==> flow/design.v <==
module mag_cmp #(
    parameter DW = 16
) (
    input  logic CLK,
    input  logic [DW-1:0] i_first,
    input  logic [DW-1:0] i_second,
    output logic o_lt,
    output logic o_a_eq_b,
    output logic o_greater
);
    logic [DW-1:0] first_s;
    logic [DW-1:0] second_s;
    always_ff @(posedge CLK) begin
        first_s <= i_first;
        second_s <= i_second;
    end
    localparam HW = DW / 2;
    logic lt_hi_s;
    logic eq_hi_s;
    logic lt_lo_s;
    logic eq_lo_s;
    logic lt_s;
    always_ff @(posedge CLK) begin
        lt_hi_s <= (first_s[DW-1:HW] < second_s[DW-1:HW]);
        eq_hi_s <= (first_s[DW-1:HW] == second_s[DW-1:HW]);
        lt_lo_s <= (first_s[HW-1:0] < second_s[HW-1:0]);
        eq_lo_s <= (first_s[HW-1:0] == second_s[HW-1:0]);
        lt_s <= lt_hi_s | (eq_hi_s & lt_lo_s);
    end
    assign o_lt = lt_s;
    logic a_eq_b_s;
    always_ff @(posedge CLK)
        a_eq_b_s <= eq_hi_s & eq_lo_s;
    assign o_a_eq_b = a_eq_b_s;
    logic greater_s;
    always_ff @(posedge CLK)
        greater_s <= ~(lt_hi_s | (eq_hi_s & (lt_lo_s | eq_lo_s)));
    assign o_greater = greater_s;
endmodule
* From RTL to reports: mag_cmp
The steps from the RTL of mag_cmp to its reports follow in flow order.
Lines are those of the file above, counted from 1.
Cell names lack the library's common part.
Not given: -
- Design top :: mag_cmp
- Clock input :: CLK
- Cell library :: sky130hd
- Library corner :: tt_025C_1v80

* Word-level counts
Counts by Yosys on the flattened word-level netlist (proc, flatten, opt, wreduce; memories kept). Register bits leave out memories and registers merged into their read ports (data or address); mux counts leave out enables and synchronous resets folded into registers. Print and check cells are left out. Cells with the same type and inputs are merged into one.
- Bitwise operators :: 7
- Equality and inequality tests :: 2
- Order comparisons :: 2
** Operators with widths (number)
- 8-bit less-than comparator :: 2
- 8-bit equality test :: 2
- 1-bit bitwise AND :: 3
- 1-bit bitwise OR :: 3
- 1-bit NOT :: 1
- Register bits after elaboration :: 39
- Input bits :: 33

* Longest topological paths
Yosys ltp: most cells in a row. Word level: on the elaborated netlist, between registers, memories and ports. Mapped: between sequential cells and ports; inverters and the memories' decode and read muxes count.
- Depth in word-level cells :: 4
- ABC_AREA :: 0
- Gate-level depth with buffers :: 6
- Gate-level depth less buffers :: 6

* After synthesis
Source: synth_stat.txt of the flow (Yosys; design flattened, memories mapped). It holds for the ABC_AREA given above (unset counts as 0); a run with the other value may have another netlist.
- Cell area after synthesis :: 1206.2 µm²
- Flip-flop cells :: 39
- Buffers :: 0
- Cell count :: 96
- Area of sequential cells :: 780.7 µm²
** Cells by type
- dfxtp_1 :: number 39, total area 780.749 µm²
- ha_1 :: number 16, total area 200.192 µm²
- inv_1 :: number 16, total area 60.058 µm²
- a2111oi_2 :: number 2, total area 30.029 µm²
- a21oi_1 :: number 6, total area 30.029 µm²
- nand4_1 :: number 4, total area 25.024 µm²
- nor2_1 :: number 5, total area 18.768 µm²
- nor2b_4 :: number 1, total area 13.763 µm²
- o211ai_2 :: number 1, total area 12.512 µm²
- a21o_1 :: number 1, total area 7.507 µm²
- nand2_1 :: number 2, total area 7.507 µm²
- o211ai_1 :: number 1, total area 7.507 µm²
- and2_1 :: number 1, total area 6.256 µm²
- nor2b_1 :: number 1, total area 6.256 µm²

* Path before layout
Path of least setup slack by OpenSTA after synthesis, without wires, with an ideal clock, recovery checks aside; 20% of the period is set as input and as output delay. Where synthesis merged equal registers, the netlist keeps one of their names.
- Path kind :: reg2reg
- Start :: register second_s[9]
- End :: register lt_hi_s
- Buffers on the path :: 0
- Arrival :: 1209 ps
- Path delay :: 1312 ps
- Stages on the path :: 7
- Clock period :: 1640 ps
- Launch time at the first pin :: 0 ps
- Path slack :: 327 ps
- Period reached after synthesis :: 1313 ps
"path delay" = arrival - input delay + setup time.
"stages on the path": output pins that drive a net of the path, with the launching flip-flop's if there is one; two outputs of one cell count as two.
"period reached after synthesis" = period - worst setup slack (recovery checks aside). The figure is calculated, with input and output delays left at 20% of the set period.
Between the ends stands the longest chain of elaborated cells between them, by number of cells; it is not shown to be the way that was timed. Of several equally long chains one is given.
A line is the first line of the expression or statement that the cell stems from. Yosys adds cells for indexed reads and writes and turns some case tables into memories.
- Cell sequence :: dfxtp_1 > inv_1 > ha_1 > nor2b_4 > o211ai_2 > a21oi_1 > a2111oi_2
- Cells in the longest elaborated chain :: 1
** Ends and longest elaborated chain, after synthesis
- from (decl) :: RTL line 12 : logic [DW-1:0] second_s;
- from (assign) :: RTL line 15 : second_s <= i_second;
- 8-bit less-than comparator :: RTL line 24 : lt_hi_s <= (first_s[DW-1:HW] < second_s[DW-1:HW]);
- to (assign) :: RTL line 24
- to (decl) :: RTL line 18 : logic lt_hi_s;

* Timing after layout
Path of least setup slack in the final report of run 2 (OpenROAD, finished layout, wires in). Where an end is a register, its clock arrival counts in the times.
The report prints the path's times to 10 ps; the period is as set.
- Path kind :: reg2out
- Start :: register lt_s
- End :: output o_lt
- Buffers on the path :: 1
- Stages on the path :: 2
- Launch time at the first pin :: 270 ps
- Path slack :: 950 ps
- Clock period :: 2580 ps
- Arrival :: 1110 ps
- Output delay :: 520 ps
- Cell sequence :: dfxtp_1 > clkdlybuf4s50_1
- Cells in the longest elaborated chain :: 0
** Ends and longest elaborated chain, post-layout
- from (decl) :: RTL line 22 : logic lt_s;
- from (assign) :: RTL line 28 : lt_s <= lt_hi_s | (eq_hi_s & lt_lo_s);
- to (decl) :: RTL line 7 : output logic o_lt,

Appendix: measured runs

Measured results for mag_cmp: 3 stored runs of the Yosys and OpenROAD flow on sky130hd. The settings differ; the order carries no meaning. The constraints put input and output delay at 20% of the set period each and load the outputs with 0.01 pF.
"achieved clock period" = clock period - worst setup slack. The figure is calculated, with input and output delays left at 20% of the set period.
"time used up by the worst setup path" = time allowed to the worst setup path (clock period - input delay - output delay, where it has them) - its slack; a late launch clock adds to it, a late capture clock takes from it.
"total design power": no workload was simulated; the value follows from the tool's default switching activity.
"time used up by the worst setup path" is known to 10 ps.

** Run 1
- Settings :: period_ns=0.83; CORE_UTILIZATION=47; PLACE_DENSITY_LB_ADDON=0.23; CORE_ASPECT_RATIO=0.55; CORE_MARGIN=6; CELL_PAD_IN_SITES_GLOBAL_PLACEMENT=3; CELL_PAD_IN_SITES_DETAIL_PLACEMENT=0; ABC_AREA=1; GPL_ROUTABILITY_DRIVEN=0; CTS_CLUSTER_SIZE=24; CAP_MARGIN=25; SLEW_MARGIN=15; MAX_ROUTING_LAYER=met5
- Outcome :: no results, placement failed with FLW-0024

** Run 2
- Settings :: period_ns=2.58; CORE_UTILIZATION=19; SETUP_SLACK_MARGIN=0.38; CORE_ASPECT_RATIO=0.52; CORE_MARGIN=2; CELL_PAD_IN_SITES_GLOBAL_PLACEMENT=3; TNS_END_PERCENT=45; GPL_ROUTABILITY_DRIVEN=0; CTS_CLUSTER_SIZE=51; SLEW_MARGIN=35; MIN_ROUTING_LAYER=met1; CAP_MARGIN=20
- Yosys chip area after synthesis :: 1206.2 µm²
- Achieved clock period :: 1626 ps
- Time used up by the worst setup path :: 1110 ps
- Worst setup path type :: reg2out
- Die footprint :: 7036.0 µm²
- Lowest hold slack :: 453 ps
- Final design utilization :: 29.9%
- Final setup TNS :: 0 ps
- Total design power :: 1337 µW
- Standard-cell area of the final layout :: 1790.5 µm²
- Smallest setup slack :: 954 ps

** Run 3
- Settings :: period_ns=1.64; CAP_MARGIN=20; CORE_MARGIN=2; CORE_UTILIZATION=40; SLEW_MARGIN=20
- Yosys chip area after synthesis :: 1206.2 µm²
- Achieved clock period :: 1490 ps
- Time used up by the worst setup path :: 1160 ps
- Worst setup path type :: reg2out
- Die footprint :: 3470.4 µm²
- Lowest hold slack :: 433 ps
- Final design utilization :: 58.3%
- Final setup TNS :: 0 ps
- Total design power :: 1610 µW
- Standard-cell area of the final layout :: 1636.6 µm²
- Smallest setup slack :: 150 ps
